==> flow/design.v <==
module core_add_unit_v2 #(
   parameter WD = 36
) (
   input  wire core_clk,
   input  wire [WD-1:0] in0_in,
   input  wire [WD-1:0] in1_in,
   output wire [WD-1:0] o_out
);
   reg [WD-1:0] r_in0;
   reg [WD-1:0] r_in1;
   always @(posedge core_clk) begin
      r_in0 <= in0_in;
      r_in1 <= in1_in;
   end
   wire [WD:0] t = r_in0 + r_in1;
   assign o_out = t[WD] ? {WD{1'b1}} : t[WD-1:0];
endmodule
# Tool chain data of core_add_unit_v2
# What the tools print for core_add_unit_v2, step after step.
# Lines are those of the file above, counted from 1.
# Operators carry their Yosys type and port widths (W data, S select, Z words).
# Cell names lack the library's common part.
# Not given: -
[design]
design = "core_add_unit_v2"
clk_port = "core_clk"
library = "sky130hd"
corner = "tt_025C_1v80"

# Elaborated design
# Counts by Yosys on the flattened word-level netlist (proc, flatten, opt, wreduce; memories kept). Register bits leave out memories and registers merged into their read ports (data or address); mux counts leave out enables and synchronous resets folded into registers. Print and check cells are left out. Cells with the same type and inputs are merged into one.
[word_totals]
register_bits = 72
input_bits = 73
out_inout_bits = 36
wordCells = 4
[op_classes]
addsub = 1
muxes = 1
[ops]
columns = ["cell", "n"]
rows = [
  ["$add A36 B36 Y37", 1],
  ["$mux W36", 1],
]

# Logic depth
# Yosys ltp: most cells in a row. Word level: on the elaborated netlist, between registers, memories and ports. Mapped: between sequential cells and ports; inverters and the memories' decode and read muxes count.
[depth]
ltp_word = 2
ABC_AREA = 0
depth_mapped = 13
depth_no_buf = 11

# Synthesis result
# Source: synth_stat.txt of the flow (Yosys; design flattened, memories mapped). It holds for the ABC_AREA given above (unset counts as 0); a run with the other value may have another netlist.
[by_type]
columns = ["type", "n", "type_area_um2"]
rows = [
  ["dfxtp_1", 72, 1.44E+03],
  ["ha_1", 36, 450.432],
  ["a21oi_1", 38, 190.182],
  ["nand2_2", 30, 187.68],
  ["xnor2_1", 17, 148.893],
  ["o21ai_0", 25, 125.12],
  ["xor2_1", 14, 122.618],
  ["a21o_1", 14, 105.101],
  ["nand2_1", 26, 97.594],
  ["nor2_1", 24, 90.086],
  ["nand3_1", 12, 60.058],
  ["o2bb2ai_4", 2, 55.053],
  ["buf_6", 4, 45.043],
  ["a311oi_4", 1, 26.275],
  ["inv_1", 7, 26.275],
  ["nand2b_1", 4, 25.024],
  ["nand4_1", 4, 25.024],
  ["o211ai_1", 3, 22.522],
]
# Not listed: further types 26, cells in them 37.
[synth_totals]
cell_count = 370
synth_area_mm2 = 0.0035446
seq_area_mm2 = 0.0014414
ff_cells = 72
buffers = 8

# Timing after synthesis
# Path of least setup slack by OpenSTA after synthesis, without wires, with an ideal clock, recovery checks aside; 20% of the period is set as input and as output delay. Where synthesis merged equal registers, the netlist keeps one of their names.
[synth_path]
path_type = "reg2out"
startpoint = "register r_in0[0]"
endpoint = "output port o_out[10]"
tclk_ns = 4.1
output_delay_ns = 0.820
t_first_pin_ns = 0.000
t_arrival_ns = 2.623
required_ns = 3.280
path_slack_ns = 0.657
path_delay_ns = 2.623
path_stages = 14
path_buffers = 2
synth_period_reached_ns = 3.443
# "path_delay_ns" is the arrival time less input delay plus setup time.
# At an output port there is no setup time.
# "path_stages" counts driving pins, that of a launching flip-flop among them; a cell with two outputs on the path counts twice.
# "synth_period_reached_ns" is the clock period less the worst setup slack; recovery checks do not enter. This is arithmetic on one report: input and output delays are still those of the set period (20% each).
# Between the ends stands the longest chain of elaborated cells between them, by number of cells; it is not shown to be the way that was timed. Of several equally long chains one is given.
# A line is the first line of the expression or statement that the cell stems from. Yosys adds cells for indexed reads and writes and turns some case tables into memories.
[synth_via]
path_cell_list = "dfxtp_1 > ha_1 > fa_1 > a211oi_2 > o311a_4 > o2bb2ai_4 > o2bb2ai_4 > a311oi_4 > nand3_2 > o311ai_1 > or2_1 > buf_6 > buf_6 > nand2_2"
elab_chain_len = 2
cells_between = 2
cone_lines = 2
classes_between = "add/sub (1); mux (1)"
[synth_lines]
columns = ["item", "line", "source"]
rows = [
  ["start, declared", 9, "reg [WD-1:0] r_in0;"],
  ["start, assigned", 12, "r_in0 <= in0_in;"],
  ["$add A36 B36 Y37", 15, "wire [WD:0] t = r_in0 + r_in1;"],
  ["$mux W36", 16, "assign o_out = t[WD] ? {WD{1'b1}} : t[WD-1:0];"],
  ["end, declared", 7, "output wire [WD-1:0] o_out"],
]

# Path in the finished layout
# From the final timing report of run 1: the path of least setup slack in the routed layout; clock arrival at registers is part of the times.
[layout_path]
path_type = "reg2out"
startpoint = "register r_in0[18]"
endpoint = "output port o_out[33]"
tclk_ns = 3.34
output_delay_ns = 0.67
t_first_pin_ns = 0.33
t_arrival_ns = 3.29
required_ns = 2.67
path_slack_ns = -0.62
path_stages = 13
path_buffers = 2
# Between the ends stands the longest chain of elaborated cells between them, by number of cells; it is not shown to be the way that was timed. Of several equally long chains one is given.
[layout_via]
path_cell_list = "dfxtp_1 > ha_1 > a21o_1 > a21o_1 > a21oi_1 > o221ai_1 > o211ai_1 > buf_4 > a211oi_2 > o31ai_1 > xor2_1 > nand2_4 > buf_6"
elab_chain_len = 2
cells_between = 2
cone_lines = 2
classes_between = "add/sub (1); mux (1)"
[layout_lines]
columns = ["item", "line", "source"]
rows = [
  ["start, declared", 9, "reg [WD-1:0] r_in0;"],
  ["start, assigned", 12, "r_in0 <= in0_in;"],
  ["$add A36 B36 Y37", 15, "wire [WD:0] t = r_in0 + r_in1;"],
  ["$mux W36", 16, "assign o_out = t[WD] ? {WD{1'b1}} : t[WD-1:0];"],
  ["end, declared", 7, "output wire [WD-1:0] o_out"],
]

# Record of 3 stored runs of the RTL-to-layout flow on core_add_unit_v2, platform sky130hd. The runs are unordered. Constraints: input delay and output delay 20% of the set period each, output load 0.01 pF.
# "achieved_period_ns": clock period set for the run, less the worst setup slack. It is reckoned from that one timing run; input and output delays stay at 20% of the period that was set.
# "timing.worst_path_ns" means the part of the period allowed to the worst setup path (the constraints hold back 20% at inputs and 20% at outputs) less its slack; where the path has registers, the arrival times of their clocks count too.
# By "power_uw" is meant OpenSTA's value without simulated activity: inputs other than the clock are taken to toggle once in ten clock periods, and the tool carries that through the logic.

[[run]]
name = "run 1"
[run.settings]
period_ns = 3.34
CORE_UTILIZATION = 43
PLACE_DENSITY = 0.95
CORE_ASPECT_RATIO = 1.86
TNS_END_PERCENT = 80
GPL_TIMING_DRIVEN = 0
MIN_ROUTING_LAYER = "met2"
MAX_ROUTING_LAYER = "met5"
CAP_MARGIN = 20
CORE_MARGIN = 2
SLEW_MARGIN = 20
[run.results]
final_util_pct = 67.1
final_setup_ws_ns = -0.616
achieved_period_ns = 3.956
stdcell_area_mm2 = 0.0054427
tns_setup_ns = -18.837
ys_area_mm2 = 0.0035446
final_hold_ws_ns = 0.774
die_mm2 = 0.0090206
timing.worst_path_ns = 3.29
worst_path_kind = "reg2out"
power_uw = 2876

[[run]]
name = "run 2"
[run.settings]
period_ns = 4.1
CAP_MARGIN = 20
CORE_MARGIN = 2
CORE_UTILIZATION = 40
SLEW_MARGIN = 20
[run.results]
final_util_pct = 58.4
ys_area_mm2 = 0.0035446
timing.worst_path_ns = 3.24
worst_path_kind = "reg2out"
stdcell_area_mm2 = 0.0050411
final_hold_ws_ns = 0.897
power_uw = 1963
achieved_period_ns = 4.059
tns_setup_ns = 0.000
final_setup_ws_ns = 0.041
die_mm2 = 0.0096305

[[run]]
name = "run 3"
[run.settings]
period_ns = 2.35
CORE_UTILIZATION = 49
SETUP_SLACK_MARGIN = 0.43
CORE_ASPECT_RATIO = 0.82
TNS_END_PERCENT = 45
GPL_ROUTABILITY_DRIVEN = 1
CTS_CLUSTER_SIZE = 38
CTS_CLUSTER_DIAMETER = 115
SLEW_MARGIN = 0
MIN_ROUTING_LAYER = "met2"
CAP_MARGIN = 20
CORE_MARGIN = 2
[run.results]
tns_setup_ns = -43.178
die_mm2 = 0.0079339
stdcell_area_mm2 = 0.0061972
ys_area_mm2 = 0.0035446
timing.worst_path_ns = 3.37
worst_path_kind = "reg2out"
power_uw = 4204
final_util_pct = 87.1
final_setup_ws_ns = -1.485
achieved_period_ns = 3.835
final_hold_ws_ns = 0.547
